==> flow/design.v <==
module core_add_unit_v2 #(
   parameter WD = 16
) (
   input  wire core_clk,
   input  wire [WD-1:0] in0_in,
   input  wire [WD-1:0] in1_in,
   output wire [WD-1:0] o_out
);
   reg [WD-1:0] r_in0;
   reg [WD-1:0] r_in1;
   always @(posedge core_clk) begin
      r_in0 <= in0_in;
      r_in1 <= in1_in;
   end
   wire [WD:0] t = r_in0 + r_in1;
   assign o_out = t[WD] ? {WD{1'b1}} : t[WD-1:0];
endmodule
Step by step through the tools: core_add_unit_v2

What the tools print for core_add_unit_v2, step after step.
Lines are those of the file above, counted from 1.
The mark n/a stands for no value.

Design top: core_add_unit_v2
Clock: core_clk
Cell library: sky130hd
Corner: tt_025C_1v80

Word-level counts

Source: Yosys, flattened and elaborated, memories not mapped. Widths are those after wreduce; folded enables and synchronous resets count as part of the registers. Registers that Yosys merges into a memory's read port (data or address) are not register bits. Print and check cells do not count. Equal cells are merged and count once.

$add $sub $neg: 1
Multiplexer cells: 1

Operator list:

| kind                    | count |
| adder 16 x 16 -> 17 bit | 1 |
| 2-to-1 mux 16 bit       | 1 |

Flip-flop bits (word level): 32
Output and inout bits: 16
Elaborated cells: 4

Logic depth

Longest topological path by Yosys (ltp), each cell counted once; first at word level (registers and memories cut), then after technology mapping (sequential cells cut; the memories' decode and read muxes count).

Depth after elaboration: 2
ABC_AREA: 0
Gate-level depth with buffers: 9

Netlist

Source: synth_stat.txt of the flow (Yosys; design flattened, memories mapped). It holds for the ABC_AREA given above (unset counts as 0); a run with the other value may have another netlist.

Cell types:

| cell type                  | count | total area (um^2) |
| sky130_fd_sc_hd__dfxtp_1   | 32    | 640.614 |
| sky130_fd_sc_hd__ha_1      | 16    | 200.192 |
| sky130_fd_sc_hd__nand2_2   | 10    | 62.56 |
| sky130_fd_sc_hd__xnor2_1   | 6     | 52.55 |
| sky130_fd_sc_hd__xor2_1    | 5     | 43.792 |
| sky130_fd_sc_hd__a21o_1    | 5     | 37.536 |
| sky130_fd_sc_hd__a21oi_1   | 7     | 35.034 |
| sky130_fd_sc_hd__o21ai_0   | 7     | 35.034 |
| sky130_fd_sc_hd__o21a_1    | 4     | 30.029 |
| sky130_fd_sc_hd__a2111oi_4 | 1     | 27.526 |
| sky130_fd_sc_hd__fa_1      | 1     | 20.019 |
| sky130_fd_sc_hd__nand2_1   | 5     | 18.768 |
| sky130_fd_sc_hd__nand2b_1  | 3     | 18.768 |
| sky130_fd_sc_hd__a21oi_4   | 1     | 16.266 |
| sky130_fd_sc_hd__a2111oi_2 | 1     | 15.014 |
| sky130_fd_sc_hd__a211oi_1  | 2     | 15.014 |
| sky130_fd_sc_hd__a21boi_0  | 2     | 15.014 |
| sky130_fd_sc_hd__buf_8     | 1     | 15.014 |

Other cell types: 19; their cells: 25.

Standard cells after synthesis: 134
Cell area after synthesis: 1473.9 um^2
Flip-flops: 32
Buffer cells: 1

Worst setup path after synthesis

OpenSTA on the mapped netlist: ideal clock, no wires. The path of least setup slack (recovery checks aside). Input and output delay are each 20% of the period. Register names are those of the netlist, which keeps one name where synthesis merged equal registers.

Path type: register to output
Start: reg r_in0[0]
End: out o_out[14]
Clock period: 3.26 ns
Output delay: 0.652 ns
Launch time at the first pin: 0.000 ns
Data arrival time: 2.084 ns
Required time: 2.608 ns
Slack: 0.524 ns
Delay of the path: 2.084 ns
Stages on the path: 9
Buffers on the path: 0
Synthesis period reached: 2.736 ns

"delay of the path" is the arrival time less input delay plus setup time.
A path that ends at an output port has no setup time.
"stages on the path": output pins that drive a net of the path, with the launching flip-flop's if there is one; two outputs of one cell count as two.
"synthesis period reached" is the clock period less the worst setup slack; recovery checks do not enter. This is arithmetic on one report: input and output delays are still those of the set period (20% each).
Between the ends stands the longest chain of elaborated cells between them, by number of cells; it is not shown to be the way that was timed. Of several equally long chains one is given.
A line is the first line of the expression or statement that the cell stems from. Yosys adds cells for indexed reads and writes and turns some case tables into memories.

Cells stage by stage: sky130_fd_sc_hd__dfxtp_1 sky130_fd_sc_hd__ha_1 sky130_fd_sc_hd__fa_1 sky130_fd_sc_hd__a211oi_1 sky130_fd_sc_hd__o21ai_2 sky130_fd_sc_hd__o2111ai_2 sky130_fd_sc_hd__nand2_1 sky130_fd_sc_hd__a2111oi_2 sky130_fd_sc_hd__o31ai_1
Cells in the longest elaborated chain: 2
Elaborated cells on any way between the ends: 2
Source lines of those cells: 2
Classes of those cells: add/sub: 1; mux: 1

Ends and longest elaborated chain, after synthesis:

| element                 | line | source |
| from (decl)             | 9    | `reg [WD-1:0] r_in0;` |
| from (assign)           | 12   | `r_in0 <= in0_in;` |
| adder 16 x 16 -> 17 bit | 15   | `wire [WD:0] t = r_in0 + r_in1;` |
| 2-to-1 mux 16 bit       | 16   | `assign o_out = t[WD] ? {WD{1'b1}} : t[WD-1:0];` |
| to (decl)               | 7    | `output wire [WD-1:0] o_out` |

Timing after layout

From the final timing report of flow run 1: the path of least setup slack in the routed layout; clock arrival at registers is part of the times.

Path type: register to output
Start: reg r_in0[0]
End: out o_out[14]
Clock period: 3.26 ns
Output delay: 0.65 ns
Launch time at the first pin: 0.28 ns
Data arrival time: 2.58 ns
Required time: 2.61 ns
Slack: 0.03 ns
Stages on the path: 11
Buffers on the path: 2

Between the ends stands the longest chain of elaborated cells between them, by number of cells; it is not shown to be the way that was timed. Of several equally long chains one is given.

Cells stage by stage: sky130_fd_sc_hd__dfxtp_1 sky130_fd_sc_hd__ha_2 sky130_fd_sc_hd__fa_2 sky130_fd_sc_hd__a211oi_4 sky130_fd_sc_hd__o21ai_2 sky130_fd_sc_hd__o2111ai_2 sky130_fd_sc_hd__buf_4 sky130_fd_sc_hd__nand2_1 sky130_fd_sc_hd__a2111oi_4 sky130_fd_sc_hd__o31ai_1 sky130_fd_sc_hd__dlygate4sd2_1
Cells in the longest elaborated chain: 2
Elaborated cells on any way between the ends: 2
Source lines of those cells: 2
Classes of those cells: add/sub: 1; mux: 1

Ends and longest elaborated chain, post-layout:

| element                 | line | source |
| from (decl)             | 9    | `reg [WD-1:0] r_in0;` |
| from (assign)           | 12   | `r_in0 <= in0_in;` |
| adder 16 x 16 -> 17 bit | 15   | `wire [WD:0] t = r_in0 + r_in1;` |
| 2-to-1 mux 16 bit       | 16   | `assign o_out = t[WD] ? {WD{1'b1}} : t[WD-1:0];` |
| to (decl)               | 7    | `output wire [WD-1:0] o_out` |

Top module core_add_unit_v2; platform sky130hd; tools Yosys and OpenROAD; 3 stored runs in no particular order. Input and output delays are each 20% of the period that was set; the output load is 0.01 pF.
"clock period reached": clock period set for the run, less the worst setup slack. It is reckoned from that one timing run; input and output delays stay at 20% of the period that was set.
By "allowed time less slack (worst setup path)" is meant the share of the clock period that the worst setup path is allowed (20% is reserved at inputs, 20% at outputs), minus its slack. Clock arrival times at its registers enter into it.
"overall power" is the tool's figure for a default switching activity; nothing was simulated.

## Flow run 1

==> flow/run.sh <==
#!/bin/bash
# the make line also repeats the synthesis and layout settings of config.mk as NAME=value (left out here)
make -C /OpenROAD-flow-scripts/flow DESIGN_CONFIG=/design/flow/config.mk WORK_HOME=/design/flow/orfs CLKGATE_MAP_FILE= finish
==> flow/config.mk <==
export PLATFORM = sky130hd
export DESIGN_NAME = core_add_unit_v2
export DESIGN_NICKNAME = core_add_unit_v2
export VERILOG_FILES = /design/flow/design.v
export SDC_FILE = /design/flow/constraint.sdc
export NUM_CORES = 4
export LEC_CHECK = 0
export CAP_MARGIN = 20
export CORE_MARGIN = 2
export CORE_UTILIZATION = 40
export SLEW_MARGIN = 20
==> flow/constraint.sdc <==
create_clock -name core_clock -period 3.26 [get_ports {core_clk}]
set_input_delay 0.6520 -clock core_clock [delete_from_list [all_inputs] [get_ports {core_clk}]]
set_output_delay 0.6520 -clock core_clock [all_outputs]
set_load 0.01 [all_outputs]

| result of flow run 1 | value |
|---|---|
| area of the synthesized netlist | 1473.9 um^2 |
| total die area | 4186.1 um^2 |
| standard-cell area of the final layout | 2247.2 um^2 |
| utilization after layout | 62.3 % |
| lowest setup slack | 0.033 ns |
| setup TNS | 0.000 ns |
| lowest hold slack | 0.806 ns |
| overall power | 1058 uW |
| clock period reached | 3.227 ns |
| allowed time less slack (worst setup path) | 2.58 ns |
| critical path type | register to output |

## Flow run 2

==> flow/run.sh <==
#!/bin/bash
# the make line also repeats the synthesis and layout settings of config.mk as NAME=value (left out here)
make -C /OpenROAD-flow-scripts/flow DESIGN_CONFIG=/design/flow/config.mk WORK_HOME=/design/flow/orfs CLKGATE_MAP_FILE= finish
==> flow/config.mk <==
export PLATFORM = sky130hd
export DESIGN_NAME = core_add_unit_v2
export DESIGN_NICKNAME = core_add_unit_v2
export VERILOG_FILES = /design/flow/design.v
export SDC_FILE = /design/flow/constraint.sdc
export NUM_CORES = 4
export LEC_CHECK = 0
export ABC_AREA = 0
export CAP_MARGIN = 20
export CORE_ASPECT_RATIO = 0.75
export CORE_MARGIN = 2
export CORE_UTILIZATION = 42
export PLACE_DENSITY_LB_ADDON = 0.11
export SETUP_SLACK_MARGIN = -0.23
export SLEW_MARGIN = 25
==> flow/constraint.sdc <==
create_clock -name core_clock -period 2.5 [get_ports {core_clk}]
set_input_delay 0.5000 -clock core_clock [delete_from_list [all_inputs] [get_ports {core_clk}]]
set_output_delay 0.5000 -clock core_clock [all_outputs]
set_load 0.01 [all_outputs]

| result of flow run 2 | value |
|---|---|
| area of the synthesized netlist | 1473.9 um^2 |
| total die area | 4004.0 um^2 |
| standard-cell area of the final layout | 2426.1 um^2 |
| utilization after layout | 72.8 % |
| lowest setup slack | -0.464 ns |
| setup TNS | -7.084 ns |
| lowest hold slack | 0.661 ns |
| overall power | 1469 uW |
| clock period reached | 2.964 ns |
| allowed time less slack (worst setup path) | 2.46 ns |
| critical path type | register to output |

## Flow run 3

==> flow/run.sh <==
#!/bin/bash
# the make line also repeats the synthesis and layout settings of config.mk as NAME=value (left out here)
make -C /OpenROAD-flow-scripts/flow DESIGN_CONFIG=/design/flow/config.mk WORK_HOME=/design/flow/orfs CLKGATE_MAP_FILE= finish
==> flow/config.mk <==
export PLATFORM = sky130hd
export DESIGN_NAME = core_add_unit_v2
export DESIGN_NICKNAME = core_add_unit_v2
export VERILOG_FILES = /design/flow/design.v
export SDC_FILE = /design/flow/constraint.sdc
export NUM_CORES = 4
export LEC_CHECK = 0
export ABC_AREA = 1
export CAP_MARGIN = 35
export CELL_PAD_IN_SITES_DETAIL_PLACEMENT = 0
export CELL_PAD_IN_SITES_GLOBAL_PLACEMENT = 2
export CORE_ASPECT_RATIO = 0.53
export CORE_MARGIN = 2
export CORE_UTILIZATION = 40
export CTS_CLUSTER_SIZE = 100
export GPL_ROUTABILITY_DRIVEN = 1
export GPL_TIMING_DRIVEN = 1
export PLACE_DENSITY = 0.75
export SETUP_SLACK_MARGIN = 0.55
export SLEW_MARGIN = 35
==> flow/constraint.sdc <==
create_clock -name core_clock -period 4.86 [get_ports {core_clk}]
set_input_delay 0.9720 -clock core_clock [delete_from_list [all_inputs] [get_ports {core_clk}]]
set_output_delay 0.9720 -clock core_clock [all_outputs]
set_load 0.01 [all_outputs]

Flow run 3: unfinished; error GPL-0301 in placement
